==> flow/design.v <==
module dp_arith_n (i_clk, rst, opa, opb, op, diff);
   parameter DW = 6;
   input i_clk;
   input rst;
   input [DW-1:0] opa;
   input [DW-1:0] opb;
   input op;
   output reg [DW-1:0] diff;
   reg [DW-1:0] work;
   always @* begin
      if (op)
         work = opa - opb;
      else
         work = opa + opb;
   end
   always @(posedge i_clk) begin
      if (rst) begin
         diff <= 0;
      end else begin
         diff <= work;
      end
   end
endmodule
# Step by step through the tools: dp_arith_n
# The steps from the RTL of dp_arith_n to its reports follow in flow order.
# Lines are those of the file above, counted from 1.
# Operators carry their Yosys type and port widths (W data, S select, Z words).
# Cell names lack the library's common part.
# The mark n/a stands for no value.
[inputs] top="dp_arith_n" clock="i_clk" lib="sky130hd" pvt_corner="tt_025C_1v80"

# Word level
# Yosys after proc, flatten, opt, wreduce and memory -nomap, before mapping. Enables and synchronous resets that opt folds into registers are not counted as muxes. Memory bits, and registers merged into a memory's read port (data or address), are not among the register bits. Print and check cells are not counted. Equal cells are merged and count once.
[classes] add_sub_neg=2 mux=1
[ops] op="$add A6 B6 Y6" n=1
[ops] op="$sub A6 B6 Y6" n=1
[ops] op="$mux W6" n=1
[word_totals] out_inout_bits=6 register_bits=6 wordCells=4 input_bits=15

# Longest topological paths
# Yosys ltp: most cells in a row. Word level: on the elaborated netlist, between registers, memories and ports. Mapped: between sequential cells and ports; inverters and the memories' decode and read muxes count.
[logic_depth] depth_word=2 abc_area=0 ltp_mapped=10

# Mapped cells and area
# Source: synth_stat.txt of the flow (Yosys; design flattened, memories mapped). It holds for the ABC_AREA given above (unset counts as 0); a run with the other value may have another netlist.
# Totals and module areas in this step are rounded.
[by_type] cell="dfxtp_1" n=6 area_total_um2=120.115
[by_type] cell="ha_1" n=6 area_total_um2=75.072
[by_type] cell="xnor2_1" n=6 area_total_um2=52.55
[by_type] cell="nor2_1" n=11 area_total_um2=41.29
[by_type] cell="a21oi_1" n=5 area_total_um2=25.024
[by_type] cell="fa_1" n=1 area_total_um2=20.019
[by_type] cell="xor2_1" n=2 area_total_um2=17.517
[by_type] cell="inv_1" n=4 area_total_um2=15.014
[by_type] cell="nor2b_1" n=2 area_total_um2=12.512
[by_type] cell="mux2i_1" n=1 area_total_um2=10.01
[by_type] cell="nor3_2" n=1 area_total_um2=10.01
[by_type] cell="a21o_1" n=1 area_total_um2=7.507
[by_type] cell="o21a_1" n=1 area_total_um2=7.507
[by_type] cell="o31ai_1" n=1 area_total_um2=7.507
[by_type] cell="nand2b_1" n=1 area_total_um2=6.256
[by_type] cell="o21ai_0" n=1 area_total_um2=5.005
[synth_totals] ff_cells=6 buffers=0 seq_area_mm2=0.00012 yosys_area_mm2=0.00043 mapped_cells=50

# Worst setup path after synthesis
# Source: OpenSTA report_checks on the synthesized netlist (no wires, ideal clock, input and output delay 20% of the period each), path of least setup slack; recovery checks are left aside. Register names are those of the netlist, which keeps one name where synthesis merged equal registers.
[synth_timing] path_kind="input to register" start="input opb[0]" end="register diff[5]" t_arrival_ns=1.902 tclk_ns=2.4 driving_pins=9 n_path_buf=0 delay_ns=1.537 path_slack_ns=0.383 setup_ns=0.115 synth_period_reached_ns=2.017
# "delay_ns" = arrival - input delay + setup time.
# "driving_pins": output pins that drive a net of the path, with the launching flip-flop's if there is one; two outputs of one cell count as two.
# "synth_period_reached_ns" is the clock period less the worst setup slack; recovery checks do not enter. This is arithmetic on one report: input and output delays are still those of the set period (20% each).
# The rows between start and end are the longest chain of elaborated cells between them; the timing report does not say that the signal goes this way. Where chains are equally long, one stands for them.
# A line is the first line of the expression or statement that the cell stems from. Yosys adds cells for indexed reads and writes and turns some case tables into memories.
[synth_between] cell_sequence="inv_1 > ha_1 > mux2i_1 > ha_1 > nor2b_1 > o31ai_1 > a21oi_1 > xnor2_1 > nor2_1" elab_chain_cells=2 cone_cells=3 cone_lines=3 classes_between="2 x add/sub; 1 x mux"
[synth_lines] element="start, declared" line=6 text="input [DW-1:0] opb;"
[synth_lines] element="$add A6 B6 Y6" line=14 text="work = opa + opb;"
[synth_lines] element="$mux W6" line=11 text="if (op)"
[synth_lines] element="end, assigned" line=18 text="diff <= 0;"
[synth_lines] element="end, assigned" line=20 text="diff <= work;"
[synth_lines] element="end, declared" line=8 text="output reg [DW-1:0] diff;"

# Worst path after layout
# From the final timing report of run B: the path of least setup slack in the routed layout; clock arrival at registers is part of the times.
[layout_timing] path_kind="input to register" start="input op" end="register diff[5]" setup_ns=0.11 n_path_buf=1 t_arrival_ns=2.36 driving_pins=8 path_slack_ns=0.14 tclk_ns=2.4
# The rows between start and end are the longest chain of elaborated cells between them; the timing report does not say that the signal goes this way. Where chains are equally long, one stands for them.
[layout_between] cell_sequence="clkdlybuf4s50_1 > mux2i_4 > ha_1 > nor2b_1 > o31ai_2 > a21oi_2 > xnor2_1 > nor2_1" elab_chain_cells=1 cone_cells=1 cone_lines=1 classes_between="1 x mux"
[layout_lines] element="start, declared" line=7 text="input op;"
[layout_lines] element="$mux W6" line=11 text="if (op)"
[layout_lines] element="end, assigned" line=18 text="diff <= 0;"
[layout_lines] element="end, assigned" line=20 text="diff <= work;"
[layout_lines] element="end, declared" line=8 text="output reg [DW-1:0] diff;"

Data sheet: physical implementation of dp_arith_n

Settings and measured results of 3 stored flow runs for module dp_arith_n (sky130hd), not sorted in any way. The constraints put input and output delay at 20% of the set period each and load the outputs with 0.01 pF.
By "achieved clock period" is meant the clock period of the run minus its worst setup slack. This is arithmetic on one report: input and output delays are still those of the set period (20% each).
"worst setup path time": the worst setup path's part of the clock period (all of it between registers, 20% less for each end at a port) less its slack. A launch clock that arrives late makes it longer, a capture clock that arrives late makes it shorter.
"power": no workload was simulated; the value follows from the tool's default switching activity.
The measured numbers are rounded.
[run A] settings: period_ns=2.3, CORE_UTILIZATION=47, PLACE_DENSITY_LB_ADDON=0.08, CORE_MARGIN=3, CELL_PAD_IN_SITES_DETAIL_PLACEMENT=0, GPL_ROUTABILITY_DRIVEN=1, CTS_CLUSTER_DIAMETER=54, SLEW_MARGIN=5, MIN_ROUTING_LAYER=met1, MAX_ROUTING_LAYER=met4, CAP_MARGIN=20
[run A] result: did not finish, floorplanning stopped with PDN-0185
[run B] settings: period_ns=2.4, CAP_MARGIN=20, CORE_MARGIN=2, CORE_UTILIZATION=40, SLEW_MARGIN=20
[run B] result: chip area after synthesis (Yosys) 0.00043 mm^2, die area 0.0014 mm^2, standard-cell area of the final layout 0.00078 mm^2, utilization 81 %, worst setup slack after layout 0.14 ns, total negative slack 0.000 ns, worst hold slack 0.72 ns, power 0.38 mW, achieved clock period 2.263 ns, worst setup path time 1.78 ns, worst setup path kind input to register
[run C] settings: period_ns=1.69, CORE_UTILIZATION=37, PLACE_DENSITY_LB_ADDON=0.01, CORE_ASPECT_RATIO=0.56, CORE_MARGIN=2, ABC_AREA=0, SLEW_MARGIN=15, MIN_ROUTING_LAYER=met1, MAX_ROUTING_LAYER=met4, CAP_MARGIN=20
[run C] result: did not finish, floorplanning stopped with PDN-0185
